==> flow/design.v <==
module rf #(
   parameter DEPTH = 6,
   parameter DW = 16,
   parameter AWIDTH = $clog2(DEPTH)
) (
   input  wire sys_clk,
   input  wire load_i,
   input  wire [AWIDTH-1:0] waddr_i,
   input  wire [DW-1:0] write_data_i,
   input  wire [AWIDTH-1:0] ra_a_i,
   input  wire [AWIDTH-1:0] ra_b_i,
   output wire [DW-1:0] rdata_a_o,
   output wire [DW-1:0] rdata_b_o
);
   reg [DW-1:0] bank [0:DEPTH-1];
   always @(posedge sys_clk) begin
      if (load_i)
         bank[waddr_i] <= write_data_i;
   end
   assign rdata_a_o = bank[ra_a_i];
   assign rdata_b_o = bank[ra_b_i];
endmodule
### From RTL to reports: rf

Tool output for the design above, in the order of the flow.
Lines are those of the file above, counted from 1.
Operators: Yosys type, input widths -> output width; for muxes data width and select width s.
Cell names lack the library's common part.
The mark n/a stands for no value.

| inputs | value |
|---|---|
| top | rf |
| clock input | sys_clk |
| cell library | sky130hd |
| library corner | tt_025C_1v80 |

### Elaborated design

Yosys after proc, flatten, opt, wreduce and memory -nomap, before mapping. Enables and synchronous resets that opt folds into registers are not counted as muxes. Memory bits, and registers merged into a memory's read port (data or address), are not among the register bits. Print and check cells are not counted. Equal cells are merged and count once.
Memory sizes are those after Yosys's memory passes, which may raise the word count (mostly to a power of two), join words into wider ones and drop unused or constant bits.

| word-level totals | value |
|---|---|
| bits in registers | 0 |
| latch bits | 0 |
| bits in writable memories | 96 |
| ROM bits | 0 |
| clocked read ports x word width | 0 |
| memories | 1 |
| output and inout bits | 32 |

Memories:

| memory | words | width | read ports | write ports | RTL line | source |
|---|---|---|---|---|---|---|
| bank | 6 | 16 | 2 | 1 | 15 | `reg [DW-1:0] bank [0:DEPTH-1];` |

| operators by class | value |
|---|---|
| $add $sub $neg | 0 |
| multipliers | 0 |
| div/mod/pow operators | 0 |
| order comparisons | 0 |
| equality and inequality tests | 0 |
| shifts and indexed selects | 0 |
| multiplexer cells | 3 |
| bitwise operators | 0 |
| reductions and logical operators | 0 |

Operators by type and width:

| kind | number |
|---|---|
| $mux 16 | 1 |
| $mux 3 | 1 |
| $mux 1 | 1 |

### Longest topological paths

Longest topological path by Yosys (ltp), each cell counted once; first at word level (registers and memories cut), then after technology mapping (sequential cells cut; the memories' decode and read muxes count).

| logic depth | value |
|---|---|
| depth after elaboration | 1 |
| ABC_AREA | 0 |
| mapped depth | 4 |

### Synthesis result

Yosys stat after the flow's synthesis: flattened, memories mapped to cells. It holds for the ABC_AREA given above (unset counts as 0); a run with the other value may have another netlist.
Totals and module areas in this step are rounded.

Cells by type:

| cell type | number | total area (um^2) |
|---|---|---|
| edfxtp_1 | 96 | 2.88E+03 |
| mux4_2 | 32 | 720.691 |
| mux2_2 | 34 | 382.867 |
| mux2_1 | 28 | 315.302 |
| buf_6 | 6 | 67.565 |
| mux2_4 | 2 | 30.029 |
| buf_2 | 4 | 20.019 |
| nand2b_1 | 3 | 18.768 |
| buf_8 | 1 | 15.014 |
| nor2_1 | 4 | 15.014 |
| buf_1 | 3 | 11.261 |
| nor3_1 | 2 | 10.01 |
| clkbuf_2 | 1 | 5.005 |
| clkbuf_1 | 1 | 3.754 |
| nand2_1 | 1 | 3.754 |

| mapped netlist | value |
|---|---|
| cell count | 218 |
| chip area (Yosys) | 4500 um^2 |
| flip-flop cells | 96 |
| buffers | 16 |

### Worst setup path after synthesis

Path of least setup slack by OpenSTA after synthesis, without wires, with an ideal clock, recovery checks aside; 20% of the period is set as input and as output delay. Where synthesis merged equal registers, the netlist keeps one of their names.

| path after synthesis | value |
|---|---|
| path kind | input -> register |
| start point | in waddr_i[0] |
| end point | mem bank[0][0] |
| clock period | 2660 ps |
| external input delay | 532 ps |
| setup time | 409 ps |
| launch time at the first pin | 532 ps |
| arrival time | 1828 ps |
| setup slack | 423 ps |
| delay of the path | 1705 ps |
| driving pins on the path | 2 |
| synthesis period reached | 2237 ps |

"delay of the path" is the arrival time less input delay plus setup time.
"driving pins on the path": output pins that drive a net of the path, with the launching flip-flop's if there is one; two outputs of one cell count as two.
"synthesis period reached" is the clock period less the worst setup slack; recovery checks do not enter. This is arithmetic on one report: input and output delays are still those of the set period (20% each).
Between the ends stands the longest chain of elaborated cells between them, by number of cells; it is not shown to be the way that was timed. Of several equally long chains one is given.
Each line given opens the expression or statement behind the cell; cells for indexed reads and writes are added by Yosys, which also makes memories of some case tables.

| between the ends, after synthesis | value |
|---|---|
| path through | nand2b_1 -> nor3_1 |
| length of the longest elaborated chain | 1 |

Ends and longest elaborated chain, after synthesis:

| element | RTL line | source |
|---|---|---|
| start: declaration | 8 | `input  wire [AWIDTH-1:0] waddr_i,` |
| $mux 3 | 17 | `if (load_i)` |
| end: declaration | 15 | `reg [DW-1:0] bank [0:DEPTH-1];` |

### Worst path after layout

Path of least setup slack in the final report of flow run A (OpenROAD, finished layout, wires in). Where an end is a register, its clock arrival counts in the times.
The path's times are printed in steps of 10 ps; the period is the one set.

| path post-layout | value |
|---|---|
| path kind | input -> output |
| start point | in ra_a_i[1] |
| end point | out rdata_a_o[9] |
| clock period | 3610 ps |
| external input delay | 720 ps |
| external output delay | 720 ps |
| launch time at the first pin | 720 ps |
| arrival time | 2810 ps |
| setup slack | 70 ps |
| driving pins on the path | 5 |

Between the ends stands the longest chain of elaborated cells between them, by number of cells; it is not shown to be the way that was timed. Of several equally long chains one is given.
The chain passes a memory read, where the word-level depth is cut; so it can be longer than that depth.

| between the ends, post-layout | value |
|---|---|
| path through | clkdlybuf4s50_1 -> buf_12 -> mux2_1 -> mux4_2 -> clkdlybuf4s50_1 |
| length of the longest elaborated chain | 1 |

Ends and longest elaborated chain, post-layout:

| element | RTL line | source |
|---|---|---|
| start: declaration | 10 | `input  wire [AWIDTH-1:0] ra_a_i,` |
| $mem_v2 6x16 | 15 | `reg [DW-1:0] bank [0:DEPTH-1];` |
| end: declaration | 12 | `output wire [DW-1:0] rdata_a_o,` |

Data sheet: physical implementation of rf

Top module rf; platform sky130hd; tools Yosys and OpenROAD; 3 stored runs in no particular order. Input and output delays are each 20% of the period that was set; the output load is 0.01 pF.
"period reached" means the clock period less the worst setup slack. The figure is calculated, with input and output delays left at 20% of the set period.
"allowed time less slack (worst setup path)" means the part of the period allowed to the worst setup path (the constraints hold back 20% at inputs and 20% at outputs) less its slack; where the path has registers, the arrival times of their clocks count too.
"total power after layout" is the tool's figure for a default switching activity; nothing was simulated.
"allowed time less slack (worst setup path)" is given in steps of 10 ps.
Values from the reports are rounded here.
Among the settings, -- means not set for that run.

| setting or result | flow run A | flow run B | flow run C |
|---|---|---|---|
| period_ns | 3.61 | 2.48 | 2.66 |
| CORE_UTILIZATION | 56 | 52 | 40 |
| PLACE_DENSITY | 0.57 | -- | -- |
| TNS_END_PERCENT | 35 | -- | -- |
| CTS_CLUSTER_DIAMETER | 118 | -- | -- |
| CAP_MARGIN | 20 | 20 | 20 |
| CORE_MARGIN | 2 | 9 | 2 |
| SLEW_MARGIN | 20 | 20 | 20 |
| SETUP_SLACK_MARGIN | -- | 0.11 | -- |
| PLACE_DENSITY_LB_ADDON | -- | 0.28 | -- |
| GPL_TIMING_DRIVEN | -- | 0 | -- |
| CTS_CLUSTER_SIZE | -- | 55 | -- |
| die footprint (um^2) | 8800 | 12000 | 12000 |
| worst-case hold slack (ps) | 1100 | 820 | 850 |
| final setup TNS (ps) | 0 | 0 | 0 |
| period reached (ps) | 3536 | 2344 | 2615 |
| area of the synthesized netlist (um^2) | 4500 | 4500 | 4500 |
| total power after layout (µW) | 2300 | 3300 | 3200 |
| allowed time less slack (worst setup path) (ps) | 2090 | 1350 | 1550 |
| worst path kind | input -> output | input -> output | input -> output |
| area of the standard cells in the finished layout (um^2) | 5500 | 5600 | 5700 |
| lowest setup slack (ps) | 74 | 140 | 45 |
